==> flow/design.v <==
module alu_summer_top #(
   parameter int BITS = 7
) (
   input  logic clk,
   input  logic [BITS-1:0] x,
   input  logic [BITS-1:0] y,
   input  logic c0,
   output logic [BITS-1:0] q,
   output logic cout
);
   logic [BITS-1:0] r_x;
   always_ff @(posedge clk) begin
      r_x <= x;
   end
   logic [BITS-1:0] r_y;
   always_ff @(posedge clk) begin
      r_y <= y;
   end
   logic r_c0;
   always_ff @(posedge clk) begin
      r_c0 <= c0;
   end
   logic [BITS:0] r;
   assign r = r_x + r_y + r_c0;
   always_ff @(posedge clk) begin
      q <= r[BITS-1:0];
   end
   always_ff @(posedge clk) begin
      cout <= r[BITS];
   end
endmodule
=== Step by step through the tools: alu_summer_top ===
The steps from the RTL of alu_summer_top to its reports follow in flow order.
Line numbers count from 1 in the design file above.
Library cell names are shortened.
The mark n/a stands for no value.

* Top: alu_summer_top
* Clock input: clk
* Library: sky130hd
* Timing corner: tt_025C_1v80

=== Word-level counts ===
Source: Yosys, flattened and elaborated, memories not mapped. Widths are those after wreduce; folded enables and synchronous resets count as part of the registers. Registers that Yosys merges into a memory's read port (data or address) are not register bits. Print and check cells do not count. Equal cells are merged and count once.

* Bits of input ports: 16
* Flip-flop bits (word level): 23
* Elaborated cells: 7

* Add/sub/neg operators: 2

{| class="wikitable"
|+ Operator list
! cell !! count
|-
| 7-bit by 7-bit adder with 8-bit output || 1
|-
| 8-bit by 1-bit adder with 8-bit output || 1
|}

=== Logic depth ===
Longest topological path by Yosys (ltp), each cell counted once; first at word level (registers and memories cut), then after technology mapping (sequential cells cut; the memories' decode and read muxes count).

* Word-level depth: 2
* ABC_AREA: 0
* Mapped depth: 7
* Gate-level depth less buffers: 7

=== Synthesis result ===
The flow's flattened synthesis, as Yosys stat reports it; memories are mapped. The netlist is that of the ABC_AREA named above (0 if unset); the other value can give another one.

{| class="wikitable"
|+ Cell types
! cell !! count !! area in all (sq um)
|-
| dfxtp_1 || 23 || 460.442
|-
| ha_1 || 6 || 75.072
|-
| fa_1 || 2 || 40.038
|-
| xnor2_1 || 3 || 26.275
|-
| inv_1 || 6 || 22.522
|-
| a21oi_1 || 4 || 20.019
|-
| o31a_4 || 1 || 17.517
|-
| a311oi_2 || 1 || 15.014
|-
| o21ai_0 || 3 || 15.014
|-
| nor2b_4 || 1 || 13.763
|-
| nor4_2 || 1 || 12.512
|-
| a311o_1 || 1 || 10.01
|-
| nor2b_2 || 1 || 8.758
|-
| nor2_1 || 2 || 7.507
|-
| nor3b_1 || 1 || 7.507
|-
| o21a_1 || 1 || 7.507
|-
| a31oi_1 || 1 || 6.256
|-
| nor2b_1 || 1 || 6.256
|-
| nand2_1 || 1 || 3.754
|}

* Cell count: 60
* Buffer cells: 0
* Flip-flop cells: 23
* Synthesis area: 775.7 sq um

=== Path before layout ===
Path of least setup slack by OpenSTA after synthesis, without wires, with an ideal clock, recovery checks aside; 20% of the period is set as input and as output delay. Where synthesis merged equal registers, the netlist keeps one of their names.

* Path type: register -> register
* Start point: register r_x[0]
* End point: register q[6]
* Time at the first pin: 0.000 ns
* Period: 2.26 ns
* Stages on the path: 7
* Arrival: 1.685 ns
* Slack: 0.453 ns
* Delay of the path: 1.807 ns
* Period reached after synthesis: 1.807 ns

"delay of the path" is the arrival time less input delay plus setup time.
"stages on the path" counts driving pins, that of a launching flip-flop among them; a cell with two outputs on the path counts twice.
"period reached after synthesis" is the clock period less the worst setup slack; recovery checks do not enter. This is arithmetic on one report: input and output delays are still those of the set period (20% each).
Between the ends stands the longest chain of elaborated cells between them, by number of cells; it is not shown to be the way that was timed. Of several equally long chains one is given.
A line is the first line of the expression or statement that the cell stems from. Yosys adds cells for indexed reads and writes and turns some case tables into memories.

* Cell sequence: dfxtp_1 -> fa_1 -> inv_1 -> fa_1 -> nor2b_4 -> o31a_4 -> a311o_1
* Cells in the longest elaborated chain: 2
* Elaborated cells on any way between the ends: 2
* RTL lines with such cells: 1
* Those cells by class: add/sub (2)

{| class="wikitable"
|+ RTL lines, path post-synthesis
! element !! line !! source
|-
| from (decl) || 11 || <nowiki>logic [BITS-1:0] r_x;</nowiki>
|-
| from (assign) || 13 || <nowiki>r_x <= x;</nowiki>
|-
| 7-bit by 7-bit adder with 8-bit output || 24 || <nowiki>assign r = r_x + r_y + r_c0;</nowiki>
|-
| 8-bit by 1-bit adder with 8-bit output || 24 ||
|-
| to (assign) || 26 || <nowiki>q <= r[BITS-1:0];</nowiki>
|-
| to (decl) || 8 || <nowiki>output logic [BITS-1:0] q,</nowiki>
|}

=== Path in the finished layout ===
Path of least setup slack in the final report of flow run A (OpenROAD, finished layout, wires in). Where an end is a register, its clock arrival counts in the times.

* Path type: register -> register
* Start point: register r_x[0]
* End point: register q[6]
* Period: 1.13 ns
* Slack: -0.60 ns
* Time at the first pin: 0.30 ns
* Arrival: 1.93 ns
* Stages on the path: 7

Between the ends stands the longest chain of elaborated cells between them, by number of cells; it is not shown to be the way that was timed. Of several equally long chains one is given.

* Cell sequence: dfxtp_2 -> fa_2 -> inv_2 -> fa_2 -> nor2b_4 -> o31a_4 -> a311o_1
* Cells in the longest elaborated chain: 2
* Elaborated cells on any way between the ends: 2
* RTL lines with such cells: 1
* Those cells by class: add/sub (2)

{| class="wikitable"
|+ RTL lines, path post-layout
! element !! line !! source
|-
| from (decl) || 11 || <nowiki>logic [BITS-1:0] r_x;</nowiki>
|-
| from (assign) || 13 || <nowiki>r_x <= x;</nowiki>
|-
| 7-bit by 7-bit adder with 8-bit output || 24 || <nowiki>assign r = r_x + r_y + r_c0;</nowiki>
|-
| 8-bit by 1-bit adder with 8-bit output || 24 ||
|-
| to (assign) || 26 || <nowiki>q <= r[BITS-1:0];</nowiki>
|-
| to (decl) || 8 || <nowiki>output logic [BITS-1:0] q,</nowiki>
|}

Add stored flow runs of alu_summer_top

Below are 3 stored runs of the flow (Yosys, OpenROAD; platform sky130hd) on alu_summer_top, each with its settings and what was measured, unordered. Constraints: input delay and output delay 20% of the set period each, output load 0.01 pF.
"time used up by the worst setup path" = time allowed to the worst setup path (clock period - input delay - output delay, where it has them) - its slack; a late launch clock adds to it, a late capture clock takes from it.
"total power after layout" rests on the timing tool's default activity at the inputs, not on a simulated workload.

=== Flow run A ===
{| class="wikitable"
! Setting !! Value
|-
| period_ns || 1.13
|-
| CORE_UTILIZATION || 25
|-
| PLACE_DENSITY_LB_ADDON || 0.27
|-
| CORE_ASPECT_RATIO || 0.93
|-
| GPL_TIMING_DRIVEN || 0
|-
| GPL_ROUTABILITY_DRIVEN || 1
|-
| CTS_CLUSTER_DIAMETER || 350
|-
| MIN_ROUTING_LAYER || met1
|-
| CAP_MARGIN || 20
|-
| CORE_MARGIN || 2
|-
| SLEW_MARGIN || 20
|-
! Result !! Value
|-
| Smallest setup slack || -0.597 ns
|-
| Chip area after synthesis (Yosys) || 775.7 sq um
|-
| Standard-cell area of the final layout || 1104.8 sq um
|-
| Total power after layout || 1.622 mW
|-
| Area of the die || 3564.8 sq um
|-
| Time used up by the worst setup path || 1.73 ns
|-
| Kind of the worst setup path || register -> register
|}

=== Flow run B ===
{| class="wikitable"
! Setting !! Value
|-
| period_ns || 2.26
|-
| CAP_MARGIN || 20
|-
| CORE_MARGIN || 2
|-
| CORE_UTILIZATION || 40
|-
| SLEW_MARGIN || 20
|-
! Result !! Value
|-
| Smallest setup slack || 0.394 ns
|-
| Chip area after synthesis (Yosys) || 775.7 sq um
|-
| Standard-cell area of the final layout || 1063.5 sq um
|-
| Total power after layout || 0.8031 mW
|-
| Area of the die || 2307.8 sq um
|-
| Time used up by the worst setup path || 1.87 ns
|-
| Kind of the worst setup path || register -> register
|}

=== Flow run C ===
{| class="wikitable"
! Setting !! Value
|-
| period_ns || 3.04
|-
| CORE_UTILIZATION || 43
|-
| PLACE_DENSITY || 0.53
|-
| CELL_PAD_IN_SITES_DETAIL_PLACEMENT || 2
|-
| ABC_AREA || 0
|-
| GPL_TIMING_DRIVEN || 1
|-
| GPL_ROUTABILITY_DRIVEN || 0
|-
| MIN_ROUTING_LAYER || met1
|-
| MAX_ROUTING_LAYER || met5
|-
| CAP_MARGIN || 20
|-
| CORE_MARGIN || 2
|-
| SLEW_MARGIN || 20
|-
! Result !! Value
|-
| Smallest setup slack || 1.108 ns
|-
| Chip area after synthesis (Yosys) || 775.7 sq um
|-
| Standard-cell area of the final layout || 1063.5 sq um
|-
| Total power after layout || 0.6204 mW
|-
| Area of the die || 2159.9 sq um
|-
| Time used up by the worst setup path || 1.93 ns
|-
| Kind of the worst setup path || register -> register
|}
